==> flow/design.v <==
module my_selector_rtl #(
    parameter W = 32
) (
    input wire clk,
    input wire nrst,
    input wire [W-1:0] din0,
    input wire [W-1:0] din1,
    input wire [W-1:0] din2,
    input wire [1:0] sel,
    output wire [W-1:0] q
);
    reg [W-1:0] din0_ff;
    reg [W-1:0] din1_ff;
    reg [W-1:0] din2_ff;
    reg [1:0] sel_ff;
    always @(posedge clk or negedge nrst) begin
        if (!nrst) begin
            din0_ff <= 0;
            din1_ff <= 0;
            din2_ff <= 0;
            sel_ff <= 0;
        end else begin
            din0_ff <= din0;
            din1_ff <= din1;
            din2_ff <= din2;
            sel_ff <= sel;
        end
    end
    reg [W-1:0] t;
    always @* begin
        if (sel_ff == 0) t = din0_ff;
        else if (sel_ff == 1) t = din1_ff;
        else t = din2_ff;
    end
    assign q = t;
endmodule
--- tool output ---
### Step by step through the tools: my_selector_rtl

A sweep over "inputs": the same steps for each member of the family.
The RTL above is that of inputs 3; lines are counted from 1 in the file of the member named.
Cell names lack the library's common part.
The mark n/a stands for no value.

| set-up | value |
|---|---|
| top module | my_selector_rtl |
| clock input | clk |
| standard-cell library | sky130hd |
| corner | tt_025C_1v80 |

### Members of the sweep

New or changed lines of each further member against the RTL above, in its own file; lines it lacks are not shown.

New or changed lines:

| inputs | line | RTL |
|---|---|---|
| 5 | 9 | `input wire [W-1:0] din3,` |
| 5 | 10 | `input wire [W-1:0] din4,` |
| 5 | 11 | `input wire [2:0] sel,` |
| 5 | 17 | `reg [W-1:0] din3_ff;` |
| 5 | 18 | `reg [W-1:0] din4_ff;` |
| 5 | 19 | `reg [2:0] sel_ff;` |
| 5 | 25 | `din3_ff <= 0;` |
| 5 | 26 | `din4_ff <= 0;` |
| 5 | 32 | `din3_ff <= din3;` |
| 5 | 33 | `din4_ff <= din4;` |
| 5 | 41 | `else if (sel_ff == 2) t = din2_ff;` |
| 5 | 42 | `else if (sel_ff == 3) t = din3_ff;` |
| 5 | 43 | `else t = din4_ff;` |
| 6 | 9 | `input wire [W-1:0] din3,` |
| 6 | 10 | `input wire [W-1:0] din4,` |
| 6 | 11 | `input wire [W-1:0] din5,` |
| 6 | 12 | `input wire [2:0] sel,` |
| 6 | 18 | `reg [W-1:0] din3_ff;` |
| 6 | 19 | `reg [W-1:0] din4_ff;` |
| 6 | 20 | `reg [W-1:0] din5_ff;` |
| 6 | 21 | `reg [2:0] sel_ff;` |
| 6 | 27 | `din3_ff <= 0;` |
| 6 | 28 | `din4_ff <= 0;` |
| 6 | 29 | `din5_ff <= 0;` |
| 6 | 35 | `din3_ff <= din3;` |
| 6 | 36 | `din4_ff <= din4;` |
| 6 | 37 | `din5_ff <= din5;` |
| 6 | 45 | `else if (sel_ff == 2) t = din2_ff;` |
| 6 | 46 | `else if (sel_ff == 3) t = din3_ff;` |
| 6 | 47 | `else if (sel_ff == 4) t = din4_ff;` |
| 6 | 48 | `else t = din5_ff;` |
| 7 | 9 | `input wire [W-1:0] din3,` |
| 7 | 10 | `input wire [W-1:0] din4,` |
| 7 | 11 | `input wire [W-1:0] din5,` |
| 7 | 12 | `input wire [W-1:0] din6,` |
| 7 | 13 | `input wire [2:0] sel,` |
| 7 | 19 | `reg [W-1:0] din3_ff;` |
| 7 | 20 | `reg [W-1:0] din4_ff;` |
| 7 | 21 | `reg [W-1:0] din5_ff;` |
| 7 | 22 | `reg [W-1:0] din6_ff;` |
| 7 | 23 | `reg [2:0] sel_ff;` |
| 7 | 29 | `din3_ff <= 0;` |
| 7 | 30 | `din4_ff <= 0;` |
| 7 | 31 | `din5_ff <= 0;` |
| 7 | 32 | `din6_ff <= 0;` |
| 7 | 38 | `din3_ff <= din3;` |
| 7 | 39 | `din4_ff <= din4;` |
| 7 | 40 | `din5_ff <= din5;` |
| 7 | 41 | `din6_ff <= din6;` |
| 7 | 49 | `else if (sel_ff == 2) t = din2_ff;` |
| 7 | 50 | `else if (sel_ff == 3) t = din3_ff;` |
| 7 | 51 | `else if (sel_ff == 4) t = din4_ff;` |
| 7 | 52 | `else if (sel_ff == 5) t = din5_ff;` |
| 7 | 53 | `else t = din6_ff;` |
| 8 | 9 | `input wire [W-1:0] din3,` |
| 8 | 10 | `input wire [W-1:0] din4,` |
| 8 | 11 | `input wire [W-1:0] din5,` |
| 8 | 12 | `input wire [W-1:0] din6,` |
| 8 | 13 | `input wire [W-1:0] din7,` |
| 8 | 14 | `input wire [2:0] sel,` |
| 8 | 20 | `reg [W-1:0] din3_ff;` |
| 8 | 21 | `reg [W-1:0] din4_ff;` |
| 8 | 22 | `reg [W-1:0] din5_ff;` |
| 8 | 23 | `reg [W-1:0] din6_ff;` |
| 8 | 24 | `reg [W-1:0] din7_ff;` |
| 8 | 25 | `reg [2:0] sel_ff;` |
| 8 | 31 | `din3_ff <= 0;` |
| 8 | 32 | `din4_ff <= 0;` |
| 8 | 33 | `din5_ff <= 0;` |
| 8 | 34 | `din6_ff <= 0;` |
| 8 | 35 | `din7_ff <= 0;` |
| 8 | 41 | `din3_ff <= din3;` |
| 8 | 42 | `din4_ff <= din4;` |
| 8 | 43 | `din5_ff <= din5;` |
| 8 | 44 | `din6_ff <= din6;` |
| 8 | 45 | `din7_ff <= din7;` |
| 8 | 53 | `else if (sel_ff == 2) t = din2_ff;` |
| 8 | 54 | `else if (sel_ff == 3) t = din3_ff;` |
| 8 | 55 | `else if (sel_ff == 4) t = din4_ff;` |
| 8 | 56 | `else if (sel_ff == 5) t = din5_ff;` |
| 8 | 57 | `else if (sel_ff == 6) t = din6_ff;` |
| 8 | 58 | `else t = din7_ff;` |

### Word-level counts

Counts by Yosys on the flattened word-level netlist (proc, flatten, opt, wreduce; memories kept). Register bits leave out memories and registers merged into their read ports (data or address); mux counts leave out enables and synchronous resets folded into registers. Print and check cells are left out. Cells with the same type and inputs are merged into one.

Operators by class:

| inputs | add/subtract/negate cells | multiply operators | div/mod/pow operators | order comparisons | equality and inequality tests | shift operators | muxes and demuxes | bitwise gates (word level) | reductions and logical operators |
|---|---|---|---|---|---|---|---|---|---|
| 3 | 0 | 0 | 0 | 0 | 1 | 0 | 2 | 0 | 1 |
| 5 | 0 | 0 | 0 | 0 | 3 | 0 | 4 | 0 | 1 |
| 6 | 0 | 0 | 0 | 0 | 4 | 0 | 5 | 0 | 1 |
| 7 | 0 | 0 | 0 | 0 | 5 | 0 | 6 | 0 | 1 |
| 8 | 0 | 0 | 0 | 0 | 6 | 0 | 7 | 0 | 1 |

Operator list:

| inputs | kinds with counts |
|---|---|
| 3 | 2-to-1 mux 32 bit (2); == test 2 x 1 -> 1 bit (second input constant) (1); logical NOT 2 bit (1) |
| 5 | 2-to-1 mux 32 bit (4); == test 3 x 2 -> 1 bit (second input constant) (2); == test 3 x 1 -> 1 bit (second input constant) (1); logical NOT 3 bit (1) |
| 6 | 2-to-1 mux 32 bit (5); == test 3 x 2 -> 1 bit (second input constant) (2); == test 3 x 1 -> 1 bit (second input constant) (1); == test 3 bit (second input constant) (1); logical NOT 3 bit (1) |
| 7 | 2-to-1 mux 32 bit (6); == test 3 x 2 -> 1 bit (second input constant) (2); == test 3 bit (second input constant) (2); == test 3 x 1 -> 1 bit (second input constant) (1); logical NOT 3 bit (1) |
| 8 | 2-to-1 mux 32 bit (7); == test 3 bit (second input constant) (3); == test 3 x 2 -> 1 bit (second input constant) (2); == test 3 x 1 -> 1 bit (second input constant) (1); logical NOT 3 bit (1) |

Word-level totals:

| inputs | bits in registers | bits in latches | memory bits (writable) | memory bits (read-only) | word width x clocked read ports | memories kept | input port bits | output and inout bits | word-level cells |
|---|---|---|---|---|---|---|---|---|---|
| 3 | 98 | 0 | 0 | 0 | 0 | 0 | 100 | 32 | 8 |
| 5 | 163 | 0 | 0 | 0 | 0 | 0 | 165 | 32 | 14 |
| 6 | 195 | 0 | 0 | 0 | 0 | 0 | 197 | 32 | 17 |
| 7 | 227 | 0 | 0 | 0 | 0 | 0 | 229 | 32 | 20 |
| 8 | 259 | 0 | 0 | 0 | 0 | 0 | 261 | 32 | 23 |

### Longest topological paths

Depth = most cells in a row (Yosys ltp): at word level without a register or memory, in the mapped netlist without a sequential cell, where the memories' decode and read muxes count.

Depth:

| inputs | word-level depth | ABC_AREA | mapped depth | mapped depth without buffers |
|---|---|---|---|---|
| 3 | 3 | 0 | 4 | 2 |
| 5 | 5 | 0 | 5 | 3 |
| 6 | 6 | 0 | 5 | 3 |
| 7 | 7 | 0 | 6 | 3 |
| 8 | 8 | 0 | 8 | 4 |

### Netlist

Yosys stat after the flow's synthesis: flattened, memories mapped to cells. It holds for the ABC_AREA given above (unset counts as 0); a run with the other value may have another netlist.

Synthesis totals:

| inputs | mapped cells | mapped area (mm²) | sequential part of the area (mm²) | flip-flops | buffer cells |
|---|---|---|---|---|---|
| 3 | 205 | 0.0031668 | 0.0024524 | 98 | 11 |
| 5 | 346 | 0.0054853 | 0.0040789 | 163 | 20 |
| 6 | 426 | 0.0066163 | 0.0048797 | 195 | 33 |
| 7 | 496 | 0.0077011 | 0.0056804 | 227 | 37 |
| 8 | 512 | 0.0088435 | 0.0064812 | 259 | 32 |

Cells by type:

| inputs | types with counts |
|---|---|
| 3 | dfrtp_1 (98); mux2i_1 (32); o21ai_1 (28); nand2_1 (32); buf_12 (3); buf_2 (7); o21ai_2 (2); buf_6 (1); o21ai_0 (2) |
| 5 | dfrtp_1 (163); mux2_4 (30); a222oi_1 (32); nand2_1 (64); nor2b_1 (22); and2b_1 (12); buf_12 (3); clkbuf_1 (11); mux2_2 (2); buf_1 (4); buf_6 (1); nor3_2 (1); buf_4 (1) |
| 6 | dfrtp_1 (195); a2111oi_2 (30); a211oi_1 (31); nor3b_1 (31); o22ai_1 (32); nor2b_1 (31); nor3_1 (31); buf_2 (16); buf_4 (9); clkbuf_1 (8); nand2b_1 (3); mux2_1 (1); mux2_2 (1); nor2_4 (1); a2111oi_1 (1); nand2b_2 (1); o31ai_1 (1); or2_1 (1); [+2] |
| 7 | dfrtp_1 (227); a221oi_1 (32); mux2_2 (24); o32ai_1 (24); a211oi_1 (24); o31ai_1 (24); mux2i_1 (16); nor2b_1 (24); buf_2 (23); nand2_1 (25); a32o_1 (8); o32a_1 (8); buf_6 (5); inv_1 (9); nor2_1 (8); nor3_4 (1); buf_4 (2); clkbuf_1 (4); [+8] |
| 8 | dfrtp_1 (259); mux2_2 (30); mux4_1 (12); mux4_2 (14); mux2i_1 (26); o221a_2 (12); o22a_1 (12); o2bb2ai_1 (12); o32ai_1 (12); nand2_1 (22); a31oi_1 (12); buf_2 (13); buf_6 (5); inv_1 (14); o221ai_1 (6); clkbuf_1 (10); a22o_1 (4); nor2b_1 (5); [+32] |

The mark [+n] counts cells that are not listed.

### Worst setup path after synthesis

Path of least setup slack by OpenSTA after synthesis, without wires, with an ideal clock, recovery checks aside; 20% of the period is set as input and as output delay. Where synthesis merged equal registers, the netlist keeps one of their names.

Timing path after synthesis:

| inputs | path type | from | to | clock period (ns) | setup slack (ns) | stages on the path | path delay (ns) | synthesis period reached (ns) |
|---|---|---|---|---|---|---|---|---|
| 3 | register to output | register sel_ff[0] | output port q[10] | 1.46 | 0.231 | 5 | 0.937 | 1.229 |
| 5 | register to output | register sel_ff[0] | output port q[10] | 2.09 | 0.332 | 6 | 1.340 | 1.758 |
| 6 | register to output | register sel_ff[0] | output port q[0] | 2.07 | 0.329 | 6 | 1.327 | 1.741 |
| 7 | register to output | register sel_ff[0] | output port q[0] | 2.12 | 0.341 | 6 | 1.355 | 1.779 |
| 8 | register to output | register sel_ff[0] | output port q[1] | 2.34 | 0.373 | 5 | 1.499 | 1.967 |

"path delay" = arrival - input delay + setup time.
A path that ends at an output port has no setup time.
"stages on the path" counts driving pins, that of a launching flip-flop among them; a cell with two outputs on the path counts twice.
"synthesis period reached" = period - worst setup slack (recovery checks aside). The figure is calculated, with input and output delays left at 20% of the set period.
The rows between start and end are the longest chain of elaborated cells between them; the timing report does not say that the signal goes this way. Where chains are equally long, one stands for them.
Each line given opens the expression or statement behind the cell; cells for indexed reads and writes are added by Yosys, which also makes memories of some case tables.

| between the ends, after synthesis, inputs 3 | value |
|---|---|
| cells in the longest elaborated chain | 3 |

Ends and longest elaborated chain, after synthesis, inputs 3:

| what | line | RTL |
|---|---|---|
| start, declared | 15 | `reg [1:0] sel_ff;` |
| start, assigned | 21 | `sel_ff <= 0;` |
| start, assigned | 26 | `sel_ff <= sel;` |
| == test 2 x 1 -> 1 bit | 32 | `else if (sel_ff == 1) t = din1_ff;` |
| 2-to-1 mux 32 bit | 32 |  |
| 2-to-1 mux 32 bit | 31 | `if (sel_ff == 0) t = din0_ff;` |
| end, declared | 10 | `output wire [W-1:0] q` |

| between the ends, after synthesis, inputs 8 | value |
|---|---|
| cells in the longest elaborated chain | 8 |

Ends and longest elaborated chain, after synthesis, inputs 8:

| what | line | RTL |
|---|---|---|
| start, declared | 25 | `reg [2:0] sel_ff;` |
| start, assigned | 36 | `sel_ff <= 0;` |
| start, assigned | 46 | `sel_ff <= sel;` |
| == test 3 bit | 57 | `else if (sel_ff == 6) t = din6_ff;` |
| 2-to-1 mux 32 bit | 57 |  |
| 2-to-1 mux 32 bit | 56 | `else if (sel_ff == 5) t = din5_ff;` |
| 2-to-1 mux 32 bit | 55 | `else if (sel_ff == 4) t = din4_ff;` |
| 2-to-1 mux 32 bit | 54 | `else if (sel_ff == 3) t = din3_ff;` |
| 2-to-1 mux 32 bit | 53 | `else if (sel_ff == 2) t = din2_ff;` |
| 2-to-1 mux 32 bit | 52 | `else if (sel_ff == 1) t = din1_ff;` |
| 2-to-1 mux 32 bit | 51 | `if (sel_ff == 0) t = din0_ff;` |
| end, declared | 15 | `output wire [W-1:0] q` |

### Timing after layout

From the final timing report of each member's run: the path of least setup slack in the routed layout; clock arrival at registers is part of the times.

Timing path after layout:

| inputs | path type | from | to | clock period (ns) | setup slack (ns) | stages on the path | arrival time (ns) | buffers on the path |
|---|---|---|---|---|---|---|---|---|
| 3 | register to output | register sel_ff[0] | output port q[11] | 1.46 | -0.32 | 6 | 1.48 | 3 |
| 5 | register to output | register sel_ff[0] | output port q[27] | 2.09 | -0.34 | 7 | 2.02 | 3 |
| 6 | register to output | register sel_ff[0] | output port q[19] | 2.07 | -0.32 | 5 | 1.97 | 2 |
| 7 | register to output | register sel_ff[0] | output port q[12] | 2.12 | -0.46 | 7 | 2.15 | 4 |
| 8 | register to output | register sel_ff[0] | output port q[3] | 2.34 | -0.40 | 7 | 2.27 | 4 |

### Layout results

One run of the flow (Yosys, OpenROAD) for each member, with settings and measured results. Input and output delays are each 20% of the period that was set; the output load is 0.01 pF.

| flow settings | value |
|---|---|
| CAP_MARGIN | 20 |
| CORE_MARGIN | 2 |
| CORE_UTILIZATION | 40 |
| SLEW_MARGIN | 20 |

Settings by member:

| inputs | period_ns |
|---|---|
| 3 | 1.46 |
| 5 | 2.09 |
| 6 | 2.07 |
| 7 | 2.12 |
| 8 | 2.34 |

Results:

| inputs | synthesis area (mm²) | die size (mm²) | standard-cell area after layout (mm²) | post-route utilization | setup slack of the worst path (ns) | total negative setup slack (ns) | worst hold slack in the final report (ns) | total design power (mW) | achieved clock period (ns) |
|---|---|---|---|---|---|---|---|---|---|
| 3 | 0.0031668 | 0.0086444 | 0.0047546 | 0.618 | -0.315 | -8.092 | 0.368 | 5.107 | 1.775 |
| 5 | 0.0054853 | 0.0146664 | 0.0083192 | 0.626 | -0.345 | -8.076 | 0.440 | 7.241 | 2.435 |
| 6 | 0.0066163 | 0.0175854 | 0.0105376 | 0.645 | -0.317 | -8.980 | 0.418 | 8.470 | 2.387 |
| 7 | 0.0077011 | 0.020379 | 0.0127385 | 0.679 | -0.458 | -12.824 | 0.348 | 10.452 | 2.578 |
| 8 | 0.0088435 | 0.0233142 | 0.0135955 | 0.625 | -0.395 | -9.992 | 0.376 | 10.318 | 2.735 |

"achieved clock period" = clock period - worst setup slack. The figure is calculated, with input and output delays left at 20% of the set period.
"total design power": no workload was simulated; the value follows from the tool's default switching activity.
--- end ---
